==> flow/design.v <==
module cpu_mul_core #(
    parameter integer DW = 28
) (
    input logic ck,
    input logic rst_n,
    input logic adv,
    input logic [DW-1:0] opa,
    input logic [DW-1:0] opb,
    output logic [2*DW-1:0] q
);
    always_ff @(posedge ck or negedge rst_n) begin
        if (~rst_n) begin
            q <= 0;
        end else if (adv) begin
            q <= opa * opb;
        end
    end
endmodule
-- From RTL to reports: cpu_mul_core
Tool output for the design above, in the order of the flow.
Lines are those of the file above, counted from 1.
Operators carry their Yosys type and port widths (W data, S select, Z words).
Library cell names are shortened.
A cell with n/a has no value.
- top: cpu_mul_core
- clock port: ck
- cell library: sky130hd
- library corner: tt_025C_1v80

-- Word-level counts
Yosys after proc, flatten, opt, wreduce and memory -nomap, before mapping. Enables and synchronous resets that opt folds into registers are not counted as muxes. Memory bits, and registers merged into a memory's read port (data or address), are not among the register bits. Print and check cells are not counted. Equal cells are merged and count once.
- noted bits in registers: 56
- noted input port bits: 59
- output and inout port bits at 56
- multipliers: 1
- operators with widths (kind ; count):
    $mul A28 B28 Y56 ; 1

-- Longest topological paths
Longest topological path by Yosys (ltp), each cell counted once; first at word level (registers and memories cut), then after technology mapping (sequential cells cut; the memories' decode and read muxes count).
- depth in word-level cells at 1
- noted ABC_AREA: 0
- depth in mapped cells at 28

-- After synthesis
Source: synth_stat.txt of the flow (Yosys; design flattened, memories mapped). It holds for the ABC_AREA given above (unset counts as 0); a run with the other value may have another netlist.
- cell types (cell ; count ; area in all (um^2)):
    fa_1 ; 674 ; 1.35E+04
    inv_1 ; 783 ; 2.94E+03
    ha_1 ; 210 ; 2627.52
    and2_1 ; 408 ; 2.55E+03
    nand2_1 ; 432 ; 1.62E+03
    dfrtp_1 ; 56 ; 1.4E+03
    clkbuf_1 ; 191 ; 716.938
    mux2_2 ; 43 ; 484.214
    a21oi_1 ; 58 ; 290.278
    xnor2_1 ; 29 ; 253.994
    a21o_1 ; 24 ; 180.173
    xor2_1 ; 15 ; 131.376
    nand4_1 ; 19 ; 118.864
    o21bai_1 ; 14 ; 105.101
    nor2_1 ; 26 ; 97.594
    o21ai_0 ; 18 ; 90.086
    o221ai_1 ; 8 ; 70.067
    a221oi_2 ; 4 ; 60.058
Other cell types: 44; their cells: 118.
- cell count: 3130
- cell area after synthesis at 0.028132 mm^2
- flip-flops: 56
- buffers: 194

-- Worst setup path after synthesis
Path of least setup slack by OpenSTA after synthesis, without wires, with an ideal clock, recovery checks aside; 20% of the period is set as input and as output delay. Where synthesis merged equal registers, the netlist keeps one of their names.
- path kind: input port to flip-flop
- start: in opa[22]
- end: reg q[40]
- noted period: 10200 ps
- input delay: 2040 ps
- time at the first pin: 2040 ps
- noted data arrival time: 8439 ps
- required time: 10075 ps
- setup slack at 1636 ps
- noted delay of the path: 6524 ps
- stages at 26
- path buffers: 3
- synthesis period reached: 8564 ps
"delay of the path" is the arrival time less input delay plus setup time.
"stages": output pins that drive a net of the path, with the launching flip-flop's if there is one; two outputs of one cell count as two.
"synthesis period reached" is the clock period less the worst setup slack; recovery checks do not enter. This is arithmetic on one report: input and output delays are still those of the set period (20% each).
The rows between start and end are the longest chain of elaborated cells between them; the timing report does not say that the signal goes this way. Where chains are equally long, one stands for them.
A line is the first line of the expression or statement that the cell stems from. Yosys adds cells for indexed reads and writes and turns some case tables into memories.
- path through: clkbuf_1 > clkbuf_1 > nand2_1 > fa_1 > inv_1 > fa_1 > fa_1 > inv_1 > fa_1 > inv_1 > fa_1 > fa_1 > inv_1 > fa_1 > inv_1 > ha_1 > clkbuf_1 > a21o_1 > o21bai_1 > a221o_1 > a21oi_1 > o21ai_0 > a31oi_2 > o221ai_1 > xor2_1 > mux2_2
- cells in the longest elaborated chain at 1
- elaborated cells on any way between the ends: 1
- source lines of those cells: 1
- classes of those cells: mul: 1
- ends and longest elaborated chain, post-synthesis (what ; RTL line ; source):
    start: declaration ; 7 ; input logic [DW-1:0] opa,
    $mul A28 B28 Y56 ; 15 ; q <= opa * opb;
    end: assignment ; 13 ; q <= 0;
    end: assignment ; 15 ;
    end: declaration ; 9 ; output logic [2*DW-1:0] q

-- Worst path after layout
Path of least setup slack in the final report of record 1 (OpenROAD, finished layout, wires in). Where an end is a register, its clock arrival counts in the times.
The path's times are printed in steps of 10 ps; the period is the one set.
- path kind: input port to flip-flop
- start: in opa[9]
- end: reg q[53]
- noted period: 10200 ps
- input delay: 2040 ps
- time at the first pin: 2040 ps
- noted data arrival time: 9690 ps
- required time: 10400 ps
- setup slack at 710 ps
- stages at 23
- path buffers: 2
The rows between start and end are the longest chain of elaborated cells between them; the timing report does not say that the signal goes this way. Where chains are equally long, one stands for them.
- path through: clkdlybuf4s50_1 > buf_4 > nand2_1 > fa_1 > inv_1 > fa_1 > fa_1 > fa_1 > fa_1 > fa_1 > inv_1 > fa_1 > inv_1 > ha_1 > and3_1 > a221oi_1 > inv_1 > a21oi_1 > inv_1 > a221oi_2 > a211oi_1 > o21a_1 > o31ai_1
- cells in the longest elaborated chain at 1
- elaborated cells on any way between the ends: 1
- source lines of those cells: 1
- classes of those cells: mul: 1
- ends and longest elaborated chain, after layout (what ; RTL line ; source):
    start: declaration ; 7 ; input logic [DW-1:0] opa,
    $mul A28 B28 Y56 ; 15 ; q <= opa * opb;
    end: assignment ; 13 ; q <= 0;
    end: assignment ; 15 ;
    end: declaration ; 9 ; output logic [2*DW-1:0] q

Hand-over note for cpu_mul_core

Measured data: module cpu_mul_core, platform sky130hd, 3 stored runs of the flow under differing settings, order arbitrary. Input and output delays are each 20% of the period that was set; the output load is 0.01 pF.
"achieved period" = clock period - worst setup slack. The figure is calculated, with input and output delays left at 20% of the set period.
"critical setup path time": the worst setup path's part of the clock period (all of it between registers, 20% less for each end at a port) less its slack. A launch clock that arrives late makes it longer, a capture clock that arrives late makes it shorter.
"critical setup path time" is given in steps of 10 ps.

Record 1
Settings were period_ns = 10.2; CAP_MARGIN = 20; CORE_MARGIN = 2; CORE_UTILIZATION = 40; SLEW_MARGIN = 20
- noted the mapped cell area after synthesis: 0.028132 mm^2
- die outline area at 0.0724659 mm^2
- noted the standard-cell area of the final layout: 0.0305918 mm^2
- final design utilization: 43.8 %
- setup slack of the critical path at 706 ps
- sum of negative setup slack: 0 ps
- noted the smallest hold slack: 508 ps
- achieved period: 9494 ps
- critical setup path time at 7450 ps
- worst setup path kind: input port to flip-flop

Record 2
Settings were period_ns = 8.25; CORE_UTILIZATION = 26; PLACE_DENSITY_LB_ADDON = 0.2; CORE_ASPECT_RATIO = 1.06; TNS_END_PERCENT = 90; GPL_TIMING_DRIVEN = 0; GPL_ROUTABILITY_DRIVEN = 0; CTS_CLUSTER_SIZE = 33; CAP_MARGIN = 10; SLEW_MARGIN = 35; MAX_ROUTING_LAYER = met5; CORE_MARGIN = 2
- noted the mapped cell area after synthesis: 0.028132 mm^2
- die outline area at 0.110847 mm^2
- noted the standard-cell area of the final layout: 0.0326 mm^2
- final design utilization: 30.3 %
- setup slack of the critical path at 113 ps
- sum of negative setup slack: 0 ps
- noted the smallest hold slack: 497 ps
- achieved period: 8137 ps
- critical setup path time at 6490 ps
- worst setup path kind: input port to flip-flop

Record 3
Settings were period_ns = 6.82; CORE_UTILIZATION = 67; HOLD_SLACK_MARGIN = 0.26; CELL_PAD_IN_SITES_GLOBAL_PLACEMENT = 0; CELL_PAD_IN_SITES_DETAIL_PLACEMENT = 1; CTS_CLUSTER_SIZE = 20; CTS_CLUSTER_DIAMETER = 69; SLEW_MARGIN = 40; MIN_ROUTING_LAYER = met2; MAX_ROUTING_LAYER = met4; CAP_MARGIN = 20; CORE_MARGIN = 2
- no results, placement failed with DPL-0033

End of note.
